==> flow/design.v <==
module alu_arith_rtl #(
    parameter DW = 18
) (
    input  logic clk,
    input  logic nrst,
    input  logic [DW-1:0] a,
    input  logic [DW-1:0] b,
    output logic [DW-1:0] out
);
    logic [DW-1:0] a_s;
    logic [DW-1:0] b_s;
    logic [DW-1:0] out_s;
    always_ff @(posedge clk or negedge nrst) begin
        if (~nrst) begin
            a_s <= '0;
            b_s <= '0;
            out_s <= '0;
        end else begin
            a_s <= a;
            b_s <= b;
            out_s <= (a_s > b_s) ? a_s - b_s : b_s - a_s;
        end
    end
    assign out = out_s;
endmodule
* From RTL to reports: alu_arith_rtl
Tool output for the design above, in the order of the flow.
Line numbers count from 1 in the design file above.
Cell names lack the library's common part.
Not given: --
- Design top :: alu_arith_rtl
- Clock port :: clk
- Cell library :: sky130hd
- Timing corner :: tt_025C_1v80

* Word-level counts
Yosys after proc, flatten, opt, wreduce and memory -nomap, before mapping. Enables and synchronous resets that opt folds into registers are not counted as muxes. Memory bits, and registers merged into a memory's read port (data or address), are not among the register bits. Print and check cells are not counted. Equal cells are merged and count once.
- Register bits :: 54
- Input bits :: 38
- Word-level cells :: 7
- Add/subtract/negate cells :: 2
- Magnitude comparators :: 1
- Muxes and demuxes :: 1
** Operators with widths (number)
- subtractor 18 bit :: 2
- greater-than comparator 18 bit :: 1
- 2-to-1 mux 18 bit :: 1

* Logic depth
Depth = most cells in a row (Yosys ltp): at word level without a register or memory, in the mapped netlist without a sequential cell, where the memories' decode and read muxes count.
- Depth after elaboration :: 2
- ABC_AREA :: 0
- Depth in mapped cells :: 12

* Mapped cells and area
Source: synth_stat.txt of the flow (Yosys; design flattened, memories mapped). It holds for the ABC_AREA given above (unset counts as 0); a run with the other value may have another netlist.
** Cells by type
- dfrtp_1 :: number 54, total area 1.35E+03 um^2
- ha_1 :: number 35, total area 437.92 um^2
- inv_1 :: number 47, total area 176.419 um^2
- xnor2_1 :: number 11, total area 96.342 um^2
- a21oi_1 :: number 19, total area 95.091 um^2
- mux2i_1 :: number 8, total area 80.077 um^2
- a21o_1 :: number 10, total area 75.072 um^2
- nor2_1 :: number 15, total area 56.304 um^2
- nand2_1 :: number 14, total area 52.55 um^2
- o21ai_0 :: number 9, total area 45.043 um^2
- xor2_1 :: number 5, total area 43.792 um^2
- fa_1 :: number 2, total area 40.038 um^2
- buf_6 :: number 3, total area 33.782 um^2
- a21oi_4 :: number 2, total area 32.531 um^2
- nand4_1 :: number 5, total area 31.28 um^2
- buf_2 :: number 6, total area 30.029 um^2
- o211ai_1 :: number 4, total area 30.029 um^2
- o21a_1 :: number 4, total area 30.029 um^2
Other cell types: 31; their cells: 55.
- Cells in the netlist :: 308
- Cell area after synthesis :: 0.0031993 mm^2
- Area of sequential cells :: 0.0013513 mm^2
- Flip-flops :: 54
- Buffers :: 12

* Path before layout
Source: OpenSTA report_checks on the synthesized netlist (no wires, ideal clock, input and output delay 20% of the period each), path of least setup slack; recovery checks are left aside. Register names are those of the netlist, which keeps one name where synthesis merged equal registers.
- Path kind :: register to register
- From :: reg a_s[0]
- To :: reg out_s[15]
- Clock period :: 2.95 ns
- Setup time :: 0.080 ns
- Time at the first pin :: 0.000 ns
- Data arrival time :: 2.283 ns
- Slack :: 0.587 ns
- Delay of the path :: 2.363 ns
- Stages on the path :: 12
- Path buffers :: 0
- Synthesis period reached :: 2.363 ns
"delay of the path" = arrival - input delay + setup time.
"stages on the path": output pins that drive a net of the path, with the launching flip-flop's if there is one; two outputs of one cell count as two.
"synthesis period reached" = period - worst setup slack (recovery checks aside). The figure is calculated, with input and output delays left at 20% of the set period.
Between the ends stands the longest chain of elaborated cells between them, by number of cells; it is not shown to be the way that was timed. Of several equally long chains one is given.
A line is the first line of the expression or statement that the cell stems from. Yosys adds cells for indexed reads and writes and turns some case tables into memories.
- Cell sequence :: dfrtp_1 inv_1 ha_1 fa_1 inv_1 a21oi_1 o21ai_0 a22oi_2 a21oi_4 mux2_4 o221ai_2 xnor2_1
- Length of the longest elaborated chain :: 2
- Elaborated cells on any way between the ends :: 4
- Classes of those cells :: add/sub: 2; compare: 1; mux: 1
** Ends and longest elaborated chain, post-synthesis
- from (decl) :: line 10 : logic [DW-1:0] a_s;
- from (assign) :: line 15 : a_s <= '0;
- from (assign) :: line 19 : a_s <= a;
- subtractor 18 bit :: line 21 : out_s <= (a_s > b_s) ? a_s - b_s : b_s - a_s;
- 2-to-1 mux 18 bit :: line 21
- to (assign) :: line 17 : out_s <= '0;
- to (assign) :: line 21
- to (decl) :: line 12 : logic [DW-1:0] out_s;

* Worst path after layout
From the final timing report of run A: the path of least setup slack in the routed layout; clock arrival at registers is part of the times.
- Path kind :: register to register
- From :: reg a_s[0]
- To :: reg out_s[2]
- Clock period :: 2.95 ns
- Setup time :: 0.07 ns
- Time at the first pin :: 0.29 ns
- Data arrival time :: 2.92 ns
- Slack :: 0.25 ns
- Stages on the path :: 12
- Path buffers :: 1
Between the ends stands the longest chain of elaborated cells between them, by number of cells; it is not shown to be the way that was timed. Of several equally long chains one is given.
- Cell sequence :: dfrtp_1 inv_1 ha_1 fa_1 inv_1 a21oi_1 o21ai_0 a22oi_2 a21oi_4 buf_4 mux2i_1 xor2_1
- Length of the longest elaborated chain :: 2
- Elaborated cells on any way between the ends :: 4
- Classes of those cells :: add/sub: 2; compare: 1; mux: 1
** Ends and longest elaborated chain, post-layout
- from (decl) :: line 10 : logic [DW-1:0] a_s;
- from (assign) :: line 15 : a_s <= '0;
- from (assign) :: line 19 : a_s <= a;
- subtractor 18 bit :: line 21 : out_s <= (a_s > b_s) ? a_s - b_s : b_s - a_s;
- 2-to-1 mux 18 bit :: line 21
- to (assign) :: line 17 : out_s <= '0;
- to (assign) :: line 21
- to (decl) :: line 12 : logic [DW-1:0] out_s;

Below are 3 stored runs of the flow (Yosys, OpenROAD; platform sky130hd) on alu_arith_rtl, each with its settings and what was measured, unordered. Constraints: input delay and output delay 20% of the set period each, output load 0.01 pF.
"clock period achieved" is the run's clock period less its worst setup slack. It is reckoned from that one timing run; input and output delays stay at 20% of the period that was set.
"time on the worst setup path" is the time allowed to the run's worst setup path (the clock period less input and output delay, where it has them) less its slack. Clock arrival times count: a late capture clock shortens it, a late launch clock lengthens it.
"power consumption" rests on the timing tool's default activity at the inputs, not on a simulated workload.

* Run A
** Files
==> flow/run.sh <==
#!/bin/bash
# the make line also repeats the synthesis and layout settings of config.mk as NAME=value (left out here)
make -C /OpenROAD-flow-scripts/flow DESIGN_CONFIG=/design/flow/config.mk WORK_HOME=/design/flow/orfs CLKGATE_MAP_FILE= finish
==> flow/config.mk <==
export PLATFORM = sky130hd
export DESIGN_NAME = alu_arith_rtl
export DESIGN_NICKNAME = alu_arith_rtl
export VERILOG_FILES = /design/flow/design.v
export SDC_FILE = /design/flow/constraint.sdc
export NUM_CORES = 4
export LEC_CHECK = 0
export CAP_MARGIN = 20
export CORE_MARGIN = 2
export CORE_UTILIZATION = 40
export SLEW_MARGIN = 20
==> flow/constraint.sdc <==
create_clock -name core_clock -period 2.95 [get_ports {clk}]
set_input_delay 0.5900 -clock core_clock [delete_from_list [all_inputs] [get_ports {clk}]]
set_output_delay 0.5900 -clock core_clock [all_outputs]
set_load 0.01 [all_outputs]
** Results
- Utilization after routing :: 50.9 %
- Clock period achieved :: 2.700 ns
- Setup slack of the worst path :: 0.250 ns
- Power consumption :: 1.955 mW
- Area of the standard cells in the finished layout :: 0.003935 mm^2
- Sum of negative setup slack :: 0.000 ns
- Cell area after synthesis :: 0.0031993 mm^2
- Overall die area :: 0.0087301 mm^2
- Time on the worst setup path :: 2.70 ns
- Critical path kind :: register to register

* Run B
** Files
==> flow/run.sh <==
#!/bin/bash
# the make line also repeats the synthesis and layout settings of config.mk as NAME=value (left out here)
make -C /OpenROAD-flow-scripts/flow DESIGN_CONFIG=/design/flow/config.mk WORK_HOME=/design/flow/orfs CLKGATE_MAP_FILE= finish
==> flow/config.mk <==
export PLATFORM = sky130hd
export DESIGN_NAME = alu_arith_rtl
export DESIGN_NICKNAME = alu_arith_rtl
export VERILOG_FILES = /design/flow/design.v
export SDC_FILE = /design/flow/constraint.sdc
export NUM_CORES = 4
export LEC_CHECK = 0
export ABC_AREA = 0
export CAP_MARGIN = 20
export CORE_MARGIN = 2
export CORE_UTILIZATION = 49
export CTS_CLUSTER_DIAMETER = 199
export GPL_ROUTABILITY_DRIVEN = 1
export GPL_TIMING_DRIVEN = 0
export MIN_ROUTING_LAYER = met1
export PLACE_DENSITY_LB_ADDON = 0.2
export SETUP_SLACK_MARGIN = 0.71
export SLEW_MARGIN = 20
==> flow/constraint.sdc <==
create_clock -name core_clock -period 2.91 [get_ports {clk}]
set_input_delay 0.5820 -clock core_clock [delete_from_list [all_inputs] [get_ports {clk}]]
set_output_delay 0.5820 -clock core_clock [all_outputs]
set_load 0.01 [all_outputs]
** Results
- Overall die area :: 0.0071919 mm^2
- Sum of negative setup slack :: 0.000 ns
- Time on the worst setup path :: 2.59 ns
- Critical path kind :: register to register
- Clock period achieved :: 2.588 ns
- Area of the standard cells in the finished layout :: 0.0047971 mm^2
- Cell area after synthesis :: 0.0031993 mm^2
- Power consumption :: 2.319 mW
- Setup slack of the worst path :: 0.322 ns
- Utilization after routing :: 75.5 %

* Run C
** Files
==> flow/run.sh <==
#!/bin/bash
# the make line also repeats the synthesis and layout settings of config.mk as NAME=value (left out here)
make -C /OpenROAD-flow-scripts/flow DESIGN_CONFIG=/design/flow/config.mk WORK_HOME=/design/flow/orfs CLKGATE_MAP_FILE= finish
==> flow/config.mk <==
export PLATFORM = sky130hd
export DESIGN_NAME = alu_arith_rtl
export DESIGN_NICKNAME = alu_arith_rtl
export VERILOG_FILES = /design/flow/design.v
export SDC_FILE = /design/flow/constraint.sdc
export NUM_CORES = 4
export LEC_CHECK = 0
export ABC_AREA = 0
export CAP_MARGIN = 20
export CELL_PAD_IN_SITES_DETAIL_PLACEMENT = 1
export CORE_MARGIN = 6
export CORE_UTILIZATION = 72
export CTS_CLUSTER_DIAMETER = 148
export CTS_CLUSTER_SIZE = 14
export PLACE_DENSITY_LB_ADDON = 0.02
export SLEW_MARGIN = 20
export TNS_END_PERCENT = 45
==> flow/constraint.sdc <==
create_clock -name core_clock -period 2.57 [get_ports {clk}]
set_input_delay 0.5140 -clock core_clock [delete_from_list [all_inputs] [get_ports {clk}]]
set_output_delay 0.5140 -clock core_clock [all_outputs]
set_load 0.01 [all_outputs]
** Results
No final report: placement broke off with DPL-0033.
